==> flow/design.v <==
module add_core #(
   parameter DATA_W = 7
) (
   input sys_clk,
   input [DATA_W-1:0] i_op_a,
   input [DATA_W-1:0] i_op_b,
   input [DATA_W-1:0] i_op_c,
   output [DATA_W+1:0] o_result
);
   reg [DATA_W-1:0] op_a_r;
   reg [DATA_W-1:0] op_b_r;
   reg [DATA_W-1:0] op_c_r;
   wire [DATA_W-1:0] work;
   assign work = op_a_r ^ op_b_r ^ op_c_r;
   wire [DATA_W-1:0] cc;
   assign cc = (op_a_r & op_b_r) | (op_a_r & op_c_r) | (op_b_r & op_c_r);
   assign o_result = work + {cc, 1'b0};
   always @(posedge sys_clk) begin
      op_a_r <= i_op_a;
      op_b_r <= i_op_b;
      op_c_r <= i_op_c;
   end
endmodule
-- Reports on add_core
The steps from the RTL of add_core to its reports follow in flow order.
Lines are those of the file above, counted from 1.
Operators carry their Yosys type and port widths (W data, S select, Z words).
Cell names lack the library's common part.
A cell with - has no value.
- top module: add_core
- clock input: sys_clk
- library: sky130hd
- timing corner: tt_025C_1v80

-- Elaborated design
Yosys after proc, flatten, opt, wreduce and memory -nomap, before mapping. Enables and synchronous resets that opt folds into registers are not counted as muxes. Memory bits, and registers merged into a memory's read port (data or address), are not among the register bits. Print and check cells are not counted. Equal cells are merged and count once.
- mux-type cells at 0
- noted bitwise logic cells: 7
- reductions and logical operators at 0
- noted shift operators: 0
- noted eq/ne operators: 0
- divide/modulo/power cells at 0
- $mul: 0
- $lt $le $gt $ge: 0
- $add $sub $neg: 1
- operators with widths (operator ; count):
    $and A7 B7 Y7 ; 3
    $or A7 B7 Y7 ; 2
    $xor A7 B7 Y7 ; 2
    $add A7 B8 Y9 ; 1
- noted ROM bits: 0
- bits in latches: 0
- noted memory cells: 0
- memory bits (writable) at 0
- output and inout port bits at 9
- clocked read ports x word width at 0
- bits in registers: 21

-- Longest topological paths
Longest topological path by Yosys (ltp), each cell counted once; first at word level (registers and memories cut), then after technology mapping (sequential cells cut; the memories' decode and read muxes count).
- noted depth after elaboration: 4
- ABC_AREA: 0
- noted gate-level depth with buffers: 10

-- Netlist
The flow's flattened synthesis, as Yosys stat reports it; memories are mapped. The netlist is that of the ABC_AREA named above (0 if unset); the other value can give another one.
- noted standard cells after synthesis: 75
- buffer cells at 0
- flip-flops at 21
- noted area of sequential cells: 420.4 sq um
- noted mapped area: 867.1 sq um
- cells by type (type ; count):
    dfxtp_1 ; 21
    fa_1 ; 8
    ha_1 ; 6
    inv_1 ; 15
    xnor2_1 ; 3
    a21oi_1 ; 4
    nor2_1 ; 4
    o21ai_0 ; 3
    nor2b_4 ; 1
    nand3_1 ; 2
    a311oi_1 ; 1
    o31a_1 ; 1
    nor3b_1 ; 1
    o21a_1 ; 1
    a31oi_1 ; 1
    nor2b_1 ; 1
    nor4_1 ; 1
    nand2_1 ; 1

-- Timing after synthesis
Source: OpenSTA report_checks on the synthesized netlist (no wires, ideal clock, input and output delay 20% of the period each), path of least setup slack; recovery checks are left aside. Register names are those of the netlist, which keeps one name where synthesis merged equal registers.
- kind: flip-flop to output port
- start: reg op_a_r[1]
- end: out o_result[7]
- required time at 2696 ps
- arrival: 2156 ps
- output delay: 674 ps
- delay of the path: 2156 ps
- stages on the path: 9
- setup slack: 540 ps
- buffers on the path at 0
- clock period at 3370 ps
- launch time at the first pin: 0 ps
- synthesis period reached at 2830 ps
"delay of the path" = arrival - input delay + setup time.
At an output port there is no setup time.
"stages on the path" counts driving pins, that of a launching flip-flop among them; a cell with two outputs on the path counts twice.
"synthesis period reached" is the clock period less the worst setup slack; recovery checks do not enter. This is arithmetic on one report: input and output delays are still those of the set period (20% each).
Between the ends stands the longest chain of elaborated cells between them, by number of cells; it is not shown to be the way that was timed. Of several equally long chains one is given.
A line is the first line of the expression or statement that the cell stems from. Yosys adds cells for indexed reads and writes and turns some case tables into memories.
- cells stage by stage: dfxtp_1 -> fa_1 -> ha_1 -> inv_1 -> fa_1 -> nor2b_4 -> o31a_1 -> nor4_1 -> a311oi_1
- length of the longest elaborated chain at 4
- ends and longest elaborated chain, post-synthesis (item ; line ; RTL):
    from (decl) ; 10 ; reg [DATA_W-1:0] op_a_r;
    from (assign) ; 19 ; op_a_r <= i_op_a;
    $and A7 B7 Y7 ; 16 ; assign cc = (op_a_r & op_b_r) | (op_a_r & op_c_r) | (op_b_r & op_c_r);
    $or A7 B7 Y7 x2 ; 16 ;
    $add A7 B8 Y9 ; 17 ; assign o_result = work + {cc, 1'b0};
    to (decl) ; 8 ; output [DATA_W+1:0] o_result

-- Timing after layout
From the final timing report of stored run 1: the path of least setup slack in the routed layout; clock arrival at registers is part of the times.
The path's times are printed in steps of 10 ps; the period is the one set.
- kind: flip-flop to output port
- start: reg op_a_r[1]
- end: out o_result[7]
- required time at 2700 ps
- setup slack: 150 ps
- stages on the path: 10
- arrival: 2540 ps
- launch time at the first pin: 290 ps
- output delay: 670 ps
- clock period at 3370 ps
- buffers on the path at 2
Between the ends stands the longest chain of elaborated cells between them, by number of cells; it is not shown to be the way that was timed. Of several equally long chains one is given.
- cells stage by stage: dfxtp_1 -> fa_1 -> ha_1 -> inv_1 -> fa_2 -> nor2b_4 -> o31a_1 -> buf_4 -> a311oi_2 -> clkbuf_2
- length of the longest elaborated chain at 4
- ends and longest elaborated chain, after layout (item ; line ; RTL):
    from (decl) ; 10 ; reg [DATA_W-1:0] op_a_r;
    from (assign) ; 19 ; op_a_r <= i_op_a;
    $and A7 B7 Y7 ; 16 ; assign cc = (op_a_r & op_b_r) | (op_a_r & op_c_r) | (op_b_r & op_c_r);
    $or A7 B7 Y7 x2 ; 16 ;
    $add A7 B8 Y9 ; 17 ; assign o_result = work + {cc, 1'b0};
    to (decl) ; 8 ; output [DATA_W+1:0] o_result

Wiki page: add_core / flow data

Stored flow runs of add_core (3 of them; Yosys, OpenROAD, sky130hd). They differ in their settings and are not a sequence. Constraints: input delay and output delay 20% of the set period each, output load 0.01 pF.
"clock period reached" = clock period - worst setup slack. The figure is calculated, with input and output delays left at 20% of the set period.

Stored run 1
Settings were period_ns = 3.37; CAP_MARGIN = 20; CORE_MARGIN = 2; CORE_UTILIZATION = 40; SLEW_MARGIN = 20
- Yosys chip area after synthesis at 867.1 sq um
- noted the full die area: 2556.3 sq um
- worst setup slack after layout at 155 ps
- noted the clock period reached: 3215 ps
- noted the sum of negative setup slack: 0 ps
- noted the standard-cell area after routing: 1242.4 sq um
- noted the utilization of the finished layout: 62.1 %

Stored run 2
Settings were period_ns = 1.77; CORE_UTILIZATION = 30; SETUP_SLACK_MARGIN = -0.03; PLACE_DENSITY_LB_ADDON = 0.28; CELL_PAD_IN_SITES_GLOBAL_PLACEMENT = 1; TNS_END_PERCENT = 95; CTS_CLUSTER_SIZE = 73; CAP_MARGIN = 15; SLEW_MARGIN = 5; MIN_ROUTING_LAYER = met1; CORE_MARGIN = 2
- Yosys chip area after synthesis at 867.1 sq um
- noted the full die area: 3336.2 sq um
- worst setup slack after layout at -1082 ps
- noted the clock period reached: 2852 ps
- noted the sum of negative setup slack: -5564 ps
- noted the standard-cell area after routing: 1440.1 sq um
- noted the utilization of the finished layout: 52.2 %

Stored run 3
Settings were period_ns = 4.85; CORE_UTILIZATION = 65; SETUP_SLACK_MARGIN = 0.01; PLACE_DENSITY_LB_ADDON = 0.23; CORE_ASPECT_RATIO = 1.91; GPL_TIMING_DRIVEN = 1; CTS_CLUSTER_SIZE = 43; CTS_CLUSTER_DIAMETER = 289; MIN_ROUTING_LAYER = met2; CAP_MARGIN = 20; CORE_MARGIN = 2; SLEW_MARGIN = 20
- stopped before the end: floorplanning reported PDN-0185
